==> flow/design.v <==
module u_switch_blk #(
  parameter integer WD = 24,
  parameter integer NIN = 6
) (
  input  logic clk,
  input  logic resetn,
  input  logic [NIN*WD-1:0] val,
  input  logic [NIN-1:0] sel,
  output logic [WD-1:0] result
);
  logic [NIN*WD-1:0] val_s;
  logic [NIN-1:0] sel_s;
  logic [WD-1:0] r;
  always_comb begin
    r = '0;
    for (int n = NIN-1; n >= 0; n = n - 1)
      if (sel_s[n]) r = val_s[n*WD +: WD];
  end
  always_ff @(posedge clk) begin
    if (!resetn) begin
      val_s <= '0;
      sel_s <= '0;
      result <= '0;
    end else begin
      val_s <= val;
      sel_s <= sel;
      result <= r;
    end
  end
endmodule
# Step by step through the tools: u_switch_blk
# Tool output for the design above, in the order of the flow.
# Lines are those of the file above, counted from 1.
# Operators carry their Yosys type and port widths (W data, S select, Z words).
# Cell names lack the library's common part.
# A cell with - has no value.
[inputs] design="u_switch_blk" clock="clk" cell_library="sky130hd" corner="tt_025C_1v80"

# Word-level counts
# Counts by Yosys on the flattened word-level netlist (proc, flatten, opt, wreduce; memories kept). Register bits leave out memories and registers merged into their read ports (data or address); mux counts leave out enables and synchronous resets folded into registers. Print and check cells are left out. Cells with the same type and inputs are merged into one.
[word_totals] out_inout_bits=24 elab_cells=9 reg_bits=174
[op_classes] n_mux=6
[op_table] operator="$mux W24" n=6

# Longest topological paths
# Depth = most cells in a row (Yosys ltp): at word level without a register or memory, in the mapped netlist without a sequential cell, where the memories' decode and read muxes count.
[depth] ltp_word=6 abc_area=0 mapped_depth=6 depth_no_buf=3

# After synthesis
# The flow's flattened synthesis, as Yosys stat reports it; memories are mapped. The netlist is that of the ABC_AREA named above (0 if unset); the other value can give another one.
# The area totals of this step are shown rounded.
[mapped] synth_area_um2=5724 mapped_cells=540 seqArea_um2=3483 buffers=44 ffs=174
[types] cell="dfxtp_1" n=174 type_area_um2=3.48E+03
[types] cell="and2_1" n=150 type_area_um2=938.4
[types] cell="a21oi_1" n=48 type_area_um2=240.23
[types] cell="a221o_1" n=23 type_area_um2=230.221
[types] cell="a221oi_1" n=24 type_area_um2=210.202
[types] cell="nand3b_1" n=24 type_area_um2=180.173
[types] cell="clkbuf_1" n=34 type_area_um2=127.622
[types] cell="o21ai_0" n=24 type_area_um2=120.115
[types] cell="inv_1" n=25 type_area_um2=93.84
[types] cell="buf_6" n=4 type_area_um2=45.043
[types] cell="buf_2" n=4 type_area_um2=20.019
[types] cell="o221a_2" n=1 type_area_um2=11.261
[types] cell="buf_1" n=2 type_area_um2=7.507
[types] cell="nor2b_1" n=1 type_area_um2=6.256
[types] cell="or2_1" n=1 type_area_um2=6.256
[types] cell="nand2_1" n=1 type_area_um2=3.754

# Timing after synthesis
# OpenSTA on the mapped netlist: ideal clock, no wires. The path of least setup slack (recovery checks aside). Input and output delay are each 20% of the period. Register names are those of the netlist, which keeps one name where synthesis merged equal registers.
[synth_path] path_type="register -> register" from="register sel_s[1]" to="register result[2]" launch_ps=0 driving_pins=7 tclk_ps=1620 arrival_time_ps=1227 path_delay_ps=1297 slack_ps=323 n_path_buf=3 synth_period_reached_ps=1297
# "path_delay_ps" is the arrival time less input delay plus setup time.
# "driving_pins" counts driving pins, that of a launching flip-flop among them; a cell with two outputs on the path counts twice.
# "synth_period_reached_ps" = period - worst setup slack (recovery checks aside). The figure is calculated, with input and output delays left at 20% of the set period.
# The rows between start and end are the longest chain of elaborated cells between them; the timing report does not say that the signal goes this way. Where chains are equally long, one stands for them.
# Each line given opens the expression or statement behind the cell; cells for indexed reads and writes are added by Yosys, which also makes memories of some case tables.
[synth_between] path_cell_list="dfxtp_1 > buf_6 > or2_1 > buf_6 > buf_6 > a221o_1 > a21oi_1" elab_chain_cells=2 cone_cells=2 cone_classes="2 x mux"
[synth_rtl] element="start: declaration" line_no=12 rtl="logic [NIN-1:0] sel_s;"
[synth_rtl] element="start: assignment" line_no=22 rtl="sel_s <= '0;"
[synth_rtl] element="start: assignment" line_no=26 rtl="sel_s <= sel;"
[synth_rtl] element="$mux W24 x2" line_no=17 rtl="if (sel_s[n]) r = val_s[n*WD +: WD];"
[synth_rtl] element="end: assignment" line_no=23 rtl="result <= '0;"
[synth_rtl] element="end: assignment" line_no=27 rtl="result <= r;"
[synth_rtl] element="end: declaration" line_no=9 rtl="output logic [WD-1:0] result"

# Timing after layout
# From the final timing report of flow run A: the path of least setup slack in the routed layout; clock arrival at registers is part of the times.
# The path's times are printed in steps of 10 ps; the period is the one set.
[layout_path] path_type="register -> register" from="register sel_s[1]" to="register result[3]" tclk_ps=1260 n_path_buf=1 slack_ps=-40 driving_pins=5 launch_ps=410 arrival_time_ps=1650
# The rows between start and end are the longest chain of elaborated cells between them; the timing report does not say that the signal goes this way. Where chains are equally long, one stands for them.
[layout_between] path_cell_list="dfxtp_2 > or2_4 > buf_12 > a221o_1 > a21oi_2" elab_chain_cells=2 cone_cells=2 cone_classes="2 x mux"
[layout_rtl] element="start: declaration" line_no=12 rtl="logic [NIN-1:0] sel_s;"
[layout_rtl] element="start: assignment" line_no=22 rtl="sel_s <= '0;"
[layout_rtl] element="start: assignment" line_no=26 rtl="sel_s <= sel;"
[layout_rtl] element="$mux W24 x2" line_no=17 rtl="if (sel_s[n]) r = val_s[n*WD +: WD];"
[layout_rtl] element="end: assignment" line_no=23 rtl="result <= '0;"
[layout_rtl] element="end: assignment" line_no=27 rtl="result <= r;"
[layout_rtl] element="end: declaration" line_no=9 rtl="output logic [WD-1:0] result"

--- measured runs ---
3 stored runs of u_switch_blk in the flow (synthesis by Yosys, layout by OpenROAD, sky130hd cells), in arbitrary order. Constraints: input delay and output delay 20% of the set period each, output load 0.01 pF.
"worst setup path time" = time allowed to the worst setup path (clock period - input delay - output delay, where it has them) - its slack; a late launch clock adds to it, a late capture clock takes from it.
"power" rests on the timing tool's default activity at the inputs, not on a simulated workload.
"worst setup path time" is known to 10 ps.
The results are shown rounded.
[flow run A] settings: period_ns=1.26, CORE_UTILIZATION=39, SETUP_SLACK_MARGIN=-0.04, PLACE_DENSITY=0.75, CELL_PAD_IN_SITES_DETAIL_PLACEMENT=0, ABC_AREA=0, GPL_TIMING_DRIVEN=1, CAP_MARGIN=15, MIN_ROUTING_LAYER=met1, CORE_MARGIN=2, SLEW_MARGIN=20
[flow run A] result: chip area after synthesis (Yosys) 5724 sq um, die area 15660 sq um, standard-cell area of the final layout 8409 sq um, utilization 0.583, worst setup slack after layout -38 ps, worst hold slack 303 ps, power 12560 µW, worst setup path time 1300 ps, worst setup path kind register -> register
[flow run B] settings: period_ns=1.62, CAP_MARGIN=20, CORE_MARGIN=2, CORE_UTILIZATION=40, SLEW_MARGIN=20
[flow run B] result: chip area after synthesis (Yosys) 5724 sq um, die area 15280 sq um, standard-cell area of the final layout 8208 sq um, utilization 0.589, worst setup slack after layout 41 ps, worst hold slack 342 ps, power 9517 µW, worst setup path time 1250 ps, worst setup path kind register -> output
[flow run C] settings: period_ns=1.85, CORE_UTILIZATION=30, SETUP_SLACK_MARGIN=0.37, PLACE_DENSITY_LB_ADDON=0.22, CORE_MARGIN=8, CELL_PAD_IN_SITES_DETAIL_PLACEMENT=1, ABC_AREA=0, GPL_ROUTABILITY_DRIVEN=1, CTS_CLUSTER_DIAMETER=235, CAP_MARGIN=10, MAX_ROUTING_LAYER=met4, SLEW_MARGIN=20
[flow run C] result: chip area after synthesis (Yosys) 5724 sq um, die area 23760 sq um, standard-cell area of the final layout 8335 sq um, utilization 0.446, worst setup slack after layout 419 ps, worst hold slack 345 ps, power 8798 µW, worst setup path time 1060 ps, worst setup path kind register -> output
--- end ---
